==> flow/design.v <==
module mplex #(
    parameter int DW = 24
) (
    input  logic sys_clk,
    input  logic aresetn,
    input  logic [DW-1:0] in_d_0,
    input  logic [DW-1:0] in_d_1,
    input  logic [DW-1:0] in_d_2,
    input  logic [DW-1:0] in_d_3,
    input  logic [DW-1:0] in_d_4,
    input  logic [DW-1:0] in_d_5,
    input  logic [DW-1:0] in_d_6,
    input  logic [DW-1:0] in_d_7,
    input  logic [DW-1:0] in_d_8,
    input  logic [DW-1:0] in_d_9,
    input  logic [DW-1:0] in_d_10,
    input  logic [DW-1:0] in_d_11,
    input  logic [3:0] in_select,
    output logic [DW-1:0] out_result
);
    logic [DW-1:0] d_0_ff;
    logic [DW-1:0] d_1_ff;
    logic [DW-1:0] d_2_ff;
    logic [DW-1:0] d_3_ff;
    logic [DW-1:0] d_4_ff;
    logic [DW-1:0] d_5_ff;
    logic [DW-1:0] d_6_ff;
    logic [DW-1:0] d_7_ff;
    logic [DW-1:0] d_8_ff;
    logic [DW-1:0] d_9_ff;
    logic [DW-1:0] d_10_ff;
    logic [DW-1:0] d_11_ff;
    logic [3:0] select_ff;
    always_ff @(posedge sys_clk or negedge aresetn) begin
        if (!aresetn) begin
            d_0_ff <= 0;
            d_1_ff <= 0;
            d_2_ff <= 0;
            d_3_ff <= 0;
            d_4_ff <= 0;
            d_5_ff <= 0;
            d_6_ff <= 0;
            d_7_ff <= 0;
            d_8_ff <= 0;
            d_9_ff <= 0;
            d_10_ff <= 0;
            d_11_ff <= 0;
            select_ff <= 0;
        end else begin
            d_0_ff <= in_d_0;
            d_1_ff <= in_d_1;
            d_2_ff <= in_d_2;
            d_3_ff <= in_d_3;
            d_4_ff <= in_d_4;
            d_5_ff <= in_d_5;
            d_6_ff <= in_d_6;
            d_7_ff <= in_d_7;
            d_8_ff <= in_d_8;
            d_9_ff <= in_d_9;
            d_10_ff <= in_d_10;
            d_11_ff <= in_d_11;
            select_ff <= in_select;
        end
    end
    logic [DW-1:0] work;
    always_comb begin
        case (select_ff)
            0: work = d_0_ff;
            1: work = d_1_ff;
            2: work = d_2_ff;
            3: work = d_3_ff;
            4: work = d_4_ff;
            5: work = d_5_ff;
            6: work = d_6_ff;
            7: work = d_7_ff;
            8: work = d_8_ff;
            9: work = d_9_ff;
            10: work = d_10_ff;
            default: work = d_11_ff;
        endcase
    end
    assign out_result = work;
endmodule
From RTL to reports: mplex
The steps from the RTL of mplex to its reports follow in flow order.
Line numbers count from 1 in the design file above.
{ "inputs": {"design": "mplex", "clock": "sys_clk", "library": "sky130hd", "pvt_corner": "tt_025C_1v80"} }

Word-level counts
Yosys after proc, flatten, opt, wreduce and memory -nomap, before mapping. Enables and synchronous resets that opt folds into registers are not counted as muxes. Memory bits, and registers merged into a memory's read port (data or address), are not among the register bits. Print and check cells are not counted. Equal cells are merged and count once.
{ "bits": {"ff_bits": 292, "output_inout_bits": 24, "word_cells": 25} }
{ "classes": {"reduce_logical": 1, "equal": 10, "muxes": 1} }
{ "op_table": {"columns": ["cell", "count"], "rows": [
  ["parallel mux 24 bit (select 11 bit)", 1],
  ["equality test 4 x 3 -> 1 bit with constant B", 4],
  ["equality test 4 bit with constant B", 3],
  ["equality test 4 x 2 -> 1 bit with constant B", 2],
  ["equality test 4 x 1 -> 1 bit with constant B", 1],
  ["logical NOT 4 bit", 1]
]} }

Logic depth
Longest topological path by Yosys (ltp), each cell counted once; first at word level (registers and memories cut), then after technology mapping (sequential cells cut; the memories' decode and read muxes count).
{ "logic_depth": {"ltp_word": 2, "abc_area": 0, "depth_mapped": 8} }

Mapped cells and area
Yosys stat after the flow's synthesis: flattened, memories mapped to cells. It holds for the ABC_AREA given above (unset counts as 0); a run with the other value may have another netlist.
{ "by_type": {"columns": ["cell", "count", "type_area_um2"], "rows": [
  ["sky130_fd_sc_hd__dfrtp_1", 292, 7.31E+03],
  ["sky130_fd_sc_hd__a21oi_1", 47, 235.226],
  ["sky130_fd_sc_hd__a22oi_1", 31, 232.723],
  ["sky130_fd_sc_hd__mux2i_1", 23, 230.221],
  ["sky130_fd_sc_hd__o21ai_0", 25, 125.12],
  ["sky130_fd_sc_hd__a22o_1", 14, 122.618],
  ["sky130_fd_sc_hd__nor2_1", 31, 116.362],
  ["sky130_fd_sc_hd__a32oi_1", 12, 105.101],
  ["sky130_fd_sc_hd__buf_2", 20, 100.096],
  ["sky130_fd_sc_hd__nand2_1", 26, 97.594],
  ["sky130_fd_sc_hd__a221oi_1", 11, 96.342],
  ["sky130_fd_sc_hd__mux2_2", 8, 90.086],
  ["sky130_fd_sc_hd__buf_4", 11, 82.579],
  ["sky130_fd_sc_hd__o22ai_1", 13, 81.328],
  ["sky130_fd_sc_hd__buf_6", 7, 78.826],
  ["sky130_fd_sc_hd__o32a_1", 7, 70.067],
  ["sky130_fd_sc_hd__nor2b_1", 11, 68.816],
  ["sky130_fd_sc_hd__a211oi_1", 9, 67.565]
]} }
Other cell types: 37; their cells: 103.
{ "synth_totals": {"flip_flops": 292, "cell_count": 701, "mapped_area_um2": 10088.4, "buf_cells": 49} }

Timing after synthesis
Source: OpenSTA report_checks on the synthesized netlist (no wires, ideal clock, input and output delay 20% of the period each), path of least setup slack; recovery checks are left aside. Register names are those of the netlist, which keeps one name where synthesis merged equal registers.
{ "synth_timing": {"path_type": "reg-to-output", "from": "register select_ff[2]", "to": "output port out_result[23]", "t_arrival_ns": 1.542, "path_stages": 8, "t_first_pin_ns": 0.000, "n_path_buf": 2, "slack_ns": 0.386, "delay_ns": 1.542, "period_ns": 2.41, "period_less_setup_slack_ns": 2.024} }
"delay_ns" = arrival - input delay + setup time.
A path that ends at an output port has no setup time.
"path_stages": output pins that drive a net of the path, with the launching flip-flop's if there is one; two outputs of one cell count as two.
"period_less_setup_slack_ns" is the clock period less the worst setup slack; recovery checks do not enter. This is arithmetic on one report: input and output delays are still those of the set period (20% each).
The rows between start and end are the longest chain of elaborated cells between them; the timing report does not say that the signal goes this way. Where chains are equally long, one stands for them.
A line is the first line of the expression or statement that the cell stems from. Yosys adds cells for indexed reads and writes and turns some case tables into memories.
{ "synth_between": {"cell_sequence": "sky130_fd_sc_hd__dfrtp_1 -> sky130_fd_sc_hd__buf_6 -> sky130_fd_sc_hd__buf_8 -> sky130_fd_sc_hd__and2_4 -> sky130_fd_sc_hd__a22o_1 -> sky130_fd_sc_hd__a221oi_2 -> sky130_fd_sc_hd__o21ai_1 -> sky130_fd_sc_hd__o22a_1", "elab_chain_len": 2, "cells_between": 12, "lines_between": 1, "classes_between": "eq/ne: 10; mux: 1; reduce/logical: 1"} }
{ "synth_lines": {"columns": ["item", "line", "rtl"], "rows": [
  ["from (decl)", 33, "logic [3:0] select_ff;"],
  ["from (assign)", 48, "select_ff <= 0;"],
  ["from (assign)", 62, "select_ff <= in_select;"],
  ["equality test 4 bit", 67, "case (select_ff)"],
  ["parallel mux 24 bit (select 11 bit)", 67, null],
  ["to (decl)", 19, "output logic [DW-1:0] out_result"]
]} }

Path in the finished layout
From the final timing report of stored run 1: the path of least setup slack in the routed layout; clock arrival at registers is part of the times.
{ "layout_timing": {"path_type": "reg-to-output", "from": "register select_ff[2]", "to": "output port out_result[5]", "slack_ns": -0.26, "t_first_pin_ns": 0.57, "period_ns": 3.07, "path_stages": 10, "n_path_buf": 4, "t_arrival_ns": 2.72} }
The rows between start and end are the longest chain of elaborated cells between them; the timing report does not say that the signal goes this way. Where chains are equally long, one stands for them.
{ "layout_between": {"cell_sequence": "sky130_fd_sc_hd__dfrtp_4 -> sky130_fd_sc_hd__buf_12 -> sky130_fd_sc_hd__buf_16 -> sky130_fd_sc_hd__nor2_4 -> sky130_fd_sc_hd__buf_4 -> sky130_fd_sc_hd__a22oi_1 -> sky130_fd_sc_hd__o21ai_0 -> sky130_fd_sc_hd__nand2_1 -> sky130_fd_sc_hd__a31oi_1 -> sky130_fd_sc_hd__buf_2", "elab_chain_len": 2, "cells_between": 12, "lines_between": 1, "classes_between": "eq/ne: 10; mux: 1; reduce/logical: 1"} }
{ "layout_lines": {"columns": ["item", "line", "rtl"], "rows": [
  ["from (decl)", 33, "logic [3:0] select_ff;"],
  ["from (assign)", 48, "select_ff <= 0;"],
  ["from (assign)", 62, "select_ff <= in_select;"],
  ["equality test 4 bit", 67, "case (select_ff)"],
  ["parallel mux 24 bit (select 11 bit)", 67, null],
  ["to (decl)", 19, "output logic [DW-1:0] out_result"]
]} }

Subject: mplex on sky130hd, stored results

Hello all,

Below are 3 stored runs of the flow (Yosys, OpenROAD; platform sky130hd) on mplex, each with its settings and what was measured, unordered. Constraints: input delay and output delay 20% of the set period each, output load 0.01 pF.
"achievedPeriod_ns" is the run's clock period less its worst setup slack. It is reckoned from that one timing run; input and output delays stay at 20% of the period that was set.
"worst_path_ns" means the part of the period allowed to the worst setup path (the constraints hold back 20% at inputs and 20% at outputs) less its slack; where the path has registers, the arrival times of their clocks count too.
"total_power_uw" rests on the timing tool's default activity at the inputs, not on a simulated workload.
[
  {
    "run": "stored run 1",
    "settings": { "period_ns": 3.07, "CORE_UTILIZATION": 36, "SETUP_SLACK_MARGIN": 0.16, "PLACE_DENSITY": 0.67, "CELL_PAD_IN_SITES_GLOBAL_PLACEMENT": 2, "CELL_PAD_IN_SITES_DETAIL_PLACEMENT": 2, "ABC_AREA": 0, "CAP_MARGIN": 20, "CORE_MARGIN": 2, "SLEW_MARGIN": 20 },
    "results": { "util_frac": 0.593, "timing.setup.ws_ns": -0.263, "total_power_uw": 9148, "stdcell_area_um2": 16425.8, "total_negative_slack_ns": -2.988, "achievedPeriod_ns": 3.333, "synth_area_um2": 10088.4, "worst_path_ns": 2.72, "worst_setup_path_type": "reg-to-output", "die_um2": 29378.0 }
  },
  {
    "run": "stored run 2",
    "settings": { "period_ns": 2.41, "CAP_MARGIN": 20, "CORE_MARGIN": 2, "CORE_UTILIZATION": 40, "SLEW_MARGIN": 20 },
    "results": { "util_frac": 0.673, "timing.setup.ws_ns": -0.540, "total_power_uw": 12109, "stdcell_area_um2": 16794.9, "total_negative_slack_ns": -10.819, "achievedPeriod_ns": 2.950, "synth_area_um2": 10088.4, "worst_path_ns": 2.47, "worst_setup_path_type": "reg-to-output", "die_um2": 26507.1 }
  },
  {
    "run": "stored run 3",
    "settings": { "period_ns": 2.75, "CORE_UTILIZATION": 45, "SETUP_SLACK_MARGIN": 0.42, "PLACE_DENSITY": 0.72, "CORE_ASPECT_RATIO": 1.34, "CELL_PAD_IN_SITES_DETAIL_PLACEMENT": 2, "CTS_CLUSTER_DIAMETER": 353, "MAX_ROUTING_LAYER": "met4", "CAP_MARGIN": 20, "CORE_MARGIN": 2, "SLEW_MARGIN": 20 },
    "outcome": "stopped before the end: placement reported DPL-0033"
  }
]

Thanks
